==> flow/design.v <==
module shifter_stage #(
    parameter DATA_W = 16,
    parameter LG = $clog2(DATA_W)
) (
    input wire clk,
    input wire rst_i,
    input wire [DATA_W-1:0] din,
    input wire [LG-1:0] sh,
    output reg [DATA_W-1:0] res
);
    wire [2*DATA_W-1:0] cur;
    assign cur = {din, din} >> sh;
    always @(posedge clk) begin
        if (rst_i) begin
            res <= 0;
        end else begin
            res <= cur[DATA_W-1:0];
        end
    end
endmodule
==> Step by step through the tools: shifter_stage <==
Tool output for the design above, in the order of the flow.
Lines are those of the file above, counted from 1.
Operators: Yosys type, input widths -> output width; for muxes data width and select width s.
{ "setup": {"top_module": "shifter_stage", "clock_port": "clk", "lib": "sky130hd", "lib_corner": "tt_025C_1v80"} }

==> After elaboration <==
Source: Yosys, flattened and elaborated, memories not mapped. Widths are those after wreduce; folded enables and synchronous resets count as part of the registers. Registers that Yosys merges into a memory's read port (data or address) are not register bits. Print and check cells do not count. Equal cells are merged and count once.
{ "word_totals": {"regBits": 16, "output_inout_bits": 16} }
{ "op_classes": {"shifts": 1} }
{ "op_table": {"columns": ["cell", "count"], "rows": [
  ["$shr 32x4->16", 1]
]} }

==> Longest topological paths <==
Longest topological path by Yosys (ltp), each cell counted once; first at word level (registers and memories cut), then after technology mapping (sequential cells cut; the memories' decode and read muxes count).
{ "logic_depth": {"ltp_word": 1, "abc_area": 0, "ltp_mapped": 5, "ltp_nobuf": 3} }

==> Synthesis result <==
Yosys stat after the flow's synthesis: flattened, memories mapped to cells. It holds for the ABC_AREA given above (unset counts as 0); a run with the other value may have another netlist.
{ "synth_totals": {"mapped_cells": 76, "yosys_area_um2": 1066.0, "flip_flops": 16} }
{ "by_type": {"columns": ["cell", "count", "area_total_um2"], "rows": [
  ["sky130_fd_sc_hd__dfxtp_1", 16, 320.307],
  ["sky130_fd_sc_hd__mux4_1", 12, 315.302],
  ["sky130_fd_sc_hd__mux2i_1", 16, 160.154],
  ["sky130_fd_sc_hd__o22ai_1", 16, 100.096],
  ["sky130_fd_sc_hd__mux4_2", 4, 90.086],
  ["sky130_fd_sc_hd__buf_12", 1, 20.019],
  ["sky130_fd_sc_hd__clkbuf_1", 4, 15.014],
  ["sky130_fd_sc_hd__buf_6", 1, 11.261],
  ["sky130_fd_sc_hd__buf_2", 2, 10.01],
  ["sky130_fd_sc_hd__buf_4", 1, 7.507],
  ["sky130_fd_sc_hd__nand2b_1", 1, 6.256],
  ["sky130_fd_sc_hd__or2_2", 1, 6.256],
  ["sky130_fd_sc_hd__buf_1", 1, 3.754]
]} }

==> Timing after synthesis <==
OpenSTA on the mapped netlist: ideal clock, no wires. The path of least setup slack (recovery checks aside). Input and output delay are each 20% of the period. Register names are those of the netlist, which keeps one name where synthesis merged equal registers.
{ "synth_timing": {"kind": "input port to flip-flop", "from": "input port sh[2]", "to": "register res[5]", "clock_period_ns": 1.78, "setup_ns": 0.136, "t_first_pin_ns": 0.356, "t_arrival_ns": 1.360, "t_required_ns": 1.644, "path_slack_ns": 0.283, "delay_ns": 1.140, "path_stages": 4, "n_path_buf": 1, "period_less_setup_slack_ns": 1.497} }
"delay_ns" = arrival - input delay + setup time.
"path_stages": output pins that drive a net of the path, with the launching flip-flop's if there is one; two outputs of one cell count as two.
"period_less_setup_slack_ns" = period - worst setup slack (recovery checks aside). The figure is calculated, with input and output delays left at 20% of the set period.
The rows between start and end are the longest chain of elaborated cells between them; the timing report does not say that the signal goes this way. Where chains are equally long, one stands for them.
Each line given opens the expression or statement behind the cell; cells for indexed reads and writes are added by Yosys, which also makes memories of some case tables.
{ "synth_via": {"cell_sequence": "sky130_fd_sc_hd__buf_2 -> sky130_fd_sc_hd__mux4_1 -> sky130_fd_sc_hd__mux2i_1 -> sky130_fd_sc_hd__o22ai_1", "elab_chain_cells": 1} }
{ "synth_rtl": {"columns": ["element", "line_no", "source"], "rows": [
  ["from (decl)", 8, "input wire [LG-1:0] sh,"],
  ["$shr 32x4->16", 12, "assign cur = {din, din} >> sh;"],
  ["to (assign)", 15, "res <= 0;"],
  ["to (assign)", 17, "res <= cur[DATA_W-1:0];"],
  ["to (decl)", 9, "output reg [DATA_W-1:0] res"]
]} }

==> Path in the finished layout <==
Path of least setup slack in the final report of run 1 (OpenROAD, finished layout, wires in). Where an end is a register, its clock arrival counts in the times.
{ "layout_timing": {"kind": "input port to flip-flop", "from": "input port sh[2]", "to": "register res[6]", "clock_period_ns": 1.78, "setup_ns": 0.12, "t_first_pin_ns": 0.36, "t_arrival_ns": 1.91, "t_required_ns": 1.93, "path_slack_ns": 0.02, "path_stages": 5, "n_path_buf": 2} }
The rows between start and end are the longest chain of elaborated cells between them; the timing report does not say that the signal goes this way. Where chains are equally long, one stands for them.
{ "layout_via": {"cell_sequence": "sky130_fd_sc_hd__clkdlybuf4s50_1 -> sky130_fd_sc_hd__buf_4 -> sky130_fd_sc_hd__mux4_1 -> sky130_fd_sc_hd__mux2i_1 -> sky130_fd_sc_hd__o22ai_1", "elab_chain_cells": 1} }
{ "layout_rtl": {"columns": ["element", "line_no", "source"], "rows": [
  ["from (decl)", 8, "input wire [LG-1:0] sh,"],
  ["$shr 32x4->16", 12, "assign cur = {din, din} >> sh;"],
  ["to (assign)", 15, "res <= 0;"],
  ["to (assign)", 17, "res <= cur[DATA_W-1:0];"],
  ["to (decl)", 9, "output reg [DATA_W-1:0] res"]
]} }

Module shifter_stage, platform sky130hd: 3 stored runs of the flow (Yosys, OpenROAD) with differing settings, in no particular order. Input and output delays are each 20% of the period that was set; the output load is 0.01 pF.
"achieved clock period (ns)" is the run's clock period less its worst setup slack. It is reckoned from that one timing run; input and output delays stay at 20% of the period that was set.
"worst setup path time (ns)" means the part of the period allowed to the worst setup path (the constraints hold back 20% at inputs and 20% at outputs) less its slack; where the path has registers, the arrival times of their clocks count too.
"finish__power__total" is the tool's figure for a default switching activity; nothing was simulated.

settings of run 1
{
  "period_ns": 1.78,
  "CAP_MARGIN": 20,
  "CORE_MARGIN": 2,
  "CORE_UTILIZATION": 40,
  "SLEW_MARGIN": 20
}
report of run 1
yosys chip area after synthesis (um^2): 1066.0
finish__design__die__area: 3094.1
finish__design__instance__area__stdcell: 1524.0
finish__design__instance__utilization: 0.6096
finish__timing__setup__ws: 0.015
finish__timing__setup__tns: 0.000
finish__timing__hold__ws: 0.901
finish__power__total: 9.682e-04
achieved clock period (ns): 1.765
worst setup path time (ns): 1.41
worst setup path kind: input port to flip-flop

settings of run 2
{
  "period_ns": 0.929,
  "CORE_UTILIZATION": 64,
  "SETUP_SLACK_MARGIN": -0.02,
  "PLACE_DENSITY_LB_ADDON": 0.3,
  "CELL_PAD_IN_SITES_GLOBAL_PLACEMENT": 1,
  "TNS_END_PERCENT": 100,
  "GPL_TIMING_DRIVEN": 1,
  "CTS_CLUSTER_SIZE": 50,
  "SLEW_MARGIN": 35,
  "CAP_MARGIN": 20,
  "CORE_MARGIN": 2
}
report of run 2: did not finish, place, FLW-0024

settings of run 3
{
  "period_ns": 1.02,
  "CORE_UTILIZATION": 69,
  "SETUP_SLACK_MARGIN": 0.01,
  "CELL_PAD_IN_SITES_DETAIL_PLACEMENT": 0,
  "TNS_END_PERCENT": 45,
  "ABC_AREA": 1,
  "GPL_TIMING_DRIVEN": 0,
  "GPL_ROUTABILITY_DRIVEN": 0,
  "CTS_CLUSTER_SIZE": 39,
  "CTS_CLUSTER_DIAMETER": 217,
  "SLEW_MARGIN": 15,
  "MIN_ROUTING_LAYER": "met1",
  "MAX_ROUTING_LAYER": "met4",
  "CAP_MARGIN": 20,
  "CORE_MARGIN": 2
}
report of run 3: did not finish, place, GPL-0301
